==> flow/design.v <==
module alu_relation #(
  parameter int DATA_W = 64
) (
  input logic clk_i,
  input logic srst,
  input logic [DATA_W-1:0] i_lhs,
  input logic [DATA_W-1:0] i_rhs,
  output logic o_gt,
  output logic o_same
);
  logic [DATA_W-1:0] r_lhs;
  logic [DATA_W-1:0] r_rhs;
  always_ff @(posedge clk_i) begin
    if (srst) begin
      r_lhs <= '0;
      r_rhs <= '0;
    end else begin
      r_lhs <= i_lhs;
      r_rhs <= i_rhs;
    end
  end
  localparam int GROUPS = DATA_W / 4;
  logic [GROUPS:0] g;
  logic [GROUPS:0] e;
  assign g[0] = 1'b0;
  assign e[0] = 1'b1;
  generate
    for (genvar ii = 0; ii < GROUPS; ii++) begin : u_g
      nib_cmp inst (.a(r_lhs[4*ii +: 4]), .b(r_rhs[4*ii +: 4]), .gi(g[ii]), .ei(e[ii]), .go(g[ii+1]), .eo(e[ii+1]));
    end
  endgenerate
  always_ff @(posedge clk_i) begin
    if (srst) begin
      o_gt <= 1'b0;
      o_same <= 1'b0;
    end else begin
      o_gt <= g[GROUPS];
      o_same <= e[GROUPS];
    end
  end
endmodule
module nib_cmp (
  input logic [3:0] a,
  input logic [3:0] b,
  input logic gi,
  input logic ei,
  output logic go,
  output logic eo
);
  assign go = (a > b) | ((a == b) & gi);
  assign eo = (a == b) & ei;
endmodule
### Step by step through the tools: alu_relation

The steps from the RTL of alu_relation to its reports follow in flow order.
Line numbers count from 1 in the design file above.
Library cell names are shortened.
Not given: --

| set-up | value |
|---|---|
| top module | alu_relation |
| clock input | clk_i |
| library | sky130hd |
| library corner | tt_025C_1v80 |

### After elaboration

Yosys after proc, flatten, opt, wreduce and memory -nomap, before mapping. Enables and synchronous resets that opt folds into registers are not counted as muxes. Memory bits, and registers merged into a memory's read port (data or address), are not among the register bits. Print and check cells are not counted. Equal cells are merged and count once.

| bit counts | value |
|---|---|
| bits in registers | 130 |
| memory cells | 0 |
| clocked read ports x word width | 0 |
| bits of input ports | 130 |
| bits in writable memories | 0 |
| output and inout bits | 2 |
| latch bits | 0 |
| ROM bits | 0 |
| word-level cells | 81 |

| operators by class | value |
|---|---|
| add/subtract/negate cells | 0 |
| shift-type cells | 0 |
| eq/ne operators | 16 |
| div/mod/pow operators | 0 |
| bitwise operators | 45 |
| multiply operators | 0 |
| order comparisons | 16 |
| muxes and demuxes | 0 |
| reductions and logical operators | 0 |

Operator list:

| cell | number |
|---|---|
| greater-than comparator 4 bit | 16 |
| equality test 4 bit | 16 |
| bitwise AND 1 bit | 30 |
| bitwise OR 1 bit | 15 |

### Longest topological paths

Longest topological path by Yosys (ltp), each cell counted once; first at word level (registers and memories cut), then after technology mapping (sequential cells cut; the memories' decode and read muxes count).

| depth | value |
|---|---|
| depth in word-level cells | 31 |
| ABC_AREA | 0 |
| gate-level depth with buffers | 8 |
| gate-level depth less buffers | 8 |

### After synthesis

Yosys stat after the flow's synthesis: flattened, memories mapped to cells. It holds for the ABC_AREA given above (unset counts as 0); a run with the other value may have another netlist.

| mapped netlist | value |
|---|---|
| mapped cells | 510 |
| buffers | 14 |
| flip-flops | 130 |
| cell area after synthesis | 5206.2 um^2 |
| sequential area | 2602.5 um^2 |

Cells by type:

| cell | number | total area (um^2) |
|---|---|---|
| dfxtp_1 | 130 | 2.6E+03 |
| nor2b_1 | 142 | 888.352 |
| ha_1 | 64 | 800.768 |
| inv_1 | 67 | 251.491 |
| nand4_1 | 16 | 100.096 |
| a21oi_1 | 14 | 70.067 |
| clkbuf_1 | 14 | 52.55 |
| o211ai_1 | 7 | 52.55 |
| o21a_1 | 6 | 45.043 |
| nand2b_1 | 6 | 37.536 |
| o21ai_0 | 7 | 35.034 |
| a211oi_1 | 3 | 22.522 |
| a21o_1 | 3 | 22.522 |
| nor2_1 | 6 | 22.522 |
| a311o_1 | 2 | 20.019 |
| nor3_1 | 4 | 20.019 |
| a211o_1 | 2 | 17.517 |
| o2111ai_1 | 2 | 17.517 |

Other cell types: 15; their cells: 15.
By module: a second synthesis without flattening, with its own total; a netlist apart from the flattened one above.

| unflattened totals | value |
|---|---|
| cells (unflattened synthesis) | 532 |
| area (unflattened synthesis) | 5217.5 um^2 |

Each row is one instance without its submodules.

Modules:

| module | area (um^2) | cells | instances | seq. area (um^2) |
|---|---|---|---|---|
| alu_relation | 3495.9 | 276 | 1 | 2602.5 |
| nib_cmp | 107.6 | 16 | 16 | 0.0 |

### Timing after synthesis

Source: OpenSTA report_checks on the synthesized netlist (no wires, ideal clock, input and output delay 20% of the period each), path of least setup slack; recovery checks are left aside. Register names are those of the netlist, which keeps one name where synthesis merged equal registers.

| timing path after synthesis | value |
|---|---|
| kind | register to register |
| from | reg r_rhs[55] |
| to | reg o_gt |
| period | 2.23 ns |
| setup time | 0.120 ns |
| buffers on the path | 0 |
| stages | 9 |
| time at the first pin | 0.000 ns |
| arrival | 1.668 ns |
| setup slack | 0.443 ns |
| path delay | 1.788 ns |
| required time | 2.110 ns |
| period reached after synthesis | 1.787 ns |

"path delay" = arrival - input delay + setup time.
"stages" counts driving pins, that of a launching flip-flop among them; a cell with two outputs on the path counts twice.
"period reached after synthesis" is the clock period less the worst setup slack; recovery checks do not enter. This is arithmetic on one report: input and output delays are still those of the set period (20% each).
The rows between start and end are the longest chain of elaborated cells between them; the timing report does not say that the signal goes this way. Where chains are equally long, one stands for them.
Each line given opens the expression or statement behind the cell; cells for indexed reads and writes are added by Yosys, which also makes memories of some case tables.

| between the ends, after synthesis | value |
|---|---|
| cells stage by stage | dfxtp_1 > inv_1 > ha_1 > and3_1 > a221oi_2 > a21oi_1 > a211oi_1 > a21oi_1 > a211o_1 |
| cells in the longest elaborated chain | 7 |
| elaborated cells on any way between the ends | 8 |
| classes of those cells | 1 x compare; 1 x eq/ne; 6 x logic |

Ends and longest elaborated chain, after synthesis:

| element | RTL line | source |
|---|---|---|
| start: declaration | 12 | `logic [DATA_W-1:0] r_rhs;` |
| start: assignment | 16 | `r_rhs <= '0;` |
| start: assignment | 19 | `r_rhs <= i_rhs;` |
| equality test 4 bit | 50 | `assign go = (a > b) \| ((a == b) & gi);` |
| bitwise AND 1 bit | 50 |  |
| bitwise OR 1 bit | 50 |  |
| bitwise AND 1 bit | 50 |  |
| bitwise OR 1 bit | 50 |  |
| bitwise AND 1 bit | 50 |  |
| bitwise OR 1 bit | 50 |  |
| end: assignment | 34 | `o_gt <= 1'b0;` |
| end: assignment | 37 | `o_gt <= g[GROUPS];` |
| end: declaration | 8 | `output logic o_gt,` |

### Timing after layout

Path of least setup slack in the final report of record 1 (OpenROAD, finished layout, wires in). Where an end is a register, its clock arrival counts in the times.

| timing path after layout | value |
|---|---|
| kind | register to register |
| from | reg r_rhs[54] |
| to | reg o_gt |
| period | 1.7 ns |
| arrival | 2.18 ns |
| setup slack | -0.18 ns |
| required time | 2.00 ns |
| buffers on the path | 0 |
| setup time | 0.11 ns |
| time at the first pin | 0.40 ns |
| stages | 9 |

The rows between start and end are the longest chain of elaborated cells between them; the timing report does not say that the signal goes this way. Where chains are equally long, one stands for them.

| between the ends, after layout | value |
|---|---|
| cells stage by stage | dfxtp_1 > inv_1 > ha_4 > a21o_1 > a221oi_4 > a21oi_2 > a211oi_2 > a21oi_1 > a211o_1 |
| cells in the longest elaborated chain | 7 |
| elaborated cells on any way between the ends | 8 |
| classes of those cells | 1 x compare; 1 x eq/ne; 6 x logic |

Ends and longest elaborated chain, after layout:

| element | RTL line | source |
|---|---|---|
| start: declaration | 12 | `logic [DATA_W-1:0] r_rhs;` |
| start: assignment | 16 | `r_rhs <= '0;` |
| start: assignment | 19 | `r_rhs <= i_rhs;` |
| equality test 4 bit | 50 | `assign go = (a > b) \| ((a == b) & gi);` |
| bitwise AND 1 bit | 50 |  |
| bitwise OR 1 bit | 50 |  |
| bitwise AND 1 bit | 50 |  |
| bitwise OR 1 bit | 50 |  |
| bitwise AND 1 bit | 50 |  |
| bitwise OR 1 bit | 50 |  |
| end: assignment | 34 | `o_gt <= 1'b0;` |
| end: assignment | 37 | `o_gt <= g[GROUPS];` |
| end: declaration | 8 | `output logic o_gt,` |

Subject: alu_relation on sky130hd, stored results

Hello all,

Design alu_relation on sky130hd. What follows are 3 stored runs of the flow, each under its own settings; their order means nothing. The constraints put input and output delay at 20% of the set period each and load the outputs with 0.01 pF.
"clock period reached": clock period set for the run, less the worst setup slack. It is reckoned from that one timing run; input and output delays stay at 20% of the period that was set.
"time of the worst setup path" means the part of the period allowed to the worst setup path (the constraints hold back 20% at inputs and 20% at outputs) less its slack; where the path has registers, the arrival times of their clocks count too.
By "power" is meant OpenSTA's value without simulated activity: inputs other than the clock are taken to toggle once in ten clock periods, and the tool carries that through the logic.
Among the settings, . means not set for that run.
Results: . = not shown.

| name | record 1 | record 2 | record 3 |
|---|---|---|---|
| period_ns | 1.7 | 2.23 | 1.99 |
| CORE_UTILIZATION | 28 | 40 | 60 |
| SETUP_SLACK_MARGIN | 0.34 | . | . |
| PLACE_DENSITY_LB_ADDON | 0.14 | . | . |
| HOLD_SLACK_MARGIN | 0.06 | . | 0.3 |
| CELL_PAD_IN_SITES_GLOBAL_PLACEMENT | 1 | . | 0 |
| GPL_TIMING_DRIVEN | 1 | . | 1 |
| CTS_CLUSTER_DIAMETER | 117 | . | . |
| CAP_MARGIN | 30 | 20 | 20 |
| MAX_ROUTING_LAYER | met5 | . | met4 |
| CORE_MARGIN | 2 | 2 | 2 |
| SLEW_MARGIN | 20 | 20 | 20 |
| PLACE_DENSITY | . | . | 0.78 |
| CELL_PAD_IN_SITES_DETAIL_PLACEMENT | . | . | 1 |
| TNS_END_PERCENT | . | . | 40 |
| ABC_AREA | . | . | 1 |
| synthesis area (um^2) | 5206.2 | 5206.2 | . |
| die area (um^2) | 19700.9 | 13944.1 | . |
| standard-cell area of the final layout (um^2) | 7741.2 | 7355.8 | . |
| utilization in the final report (%) | 42.8 | 58.1 | . |
| worst setup slack after layout (ns) | -0.181 | 0.198 | . |
| total negative slack on setup checks (ns) | -0.181 | 0.000 | . |
| post-route worst hold slack (ns) | 0.478 | 0.555 | . |
| power (µW) | 8094 | 6179 | . |
| clock period reached (ns) | 1.881 | 2.032 | . |
| time of the worst setup path (ns) | 1.88 | 2.03 | . |
| class of the worst setup path | register to register | register to register | . |

Record 3: incomplete, placement halted on DPL-0033

Thanks
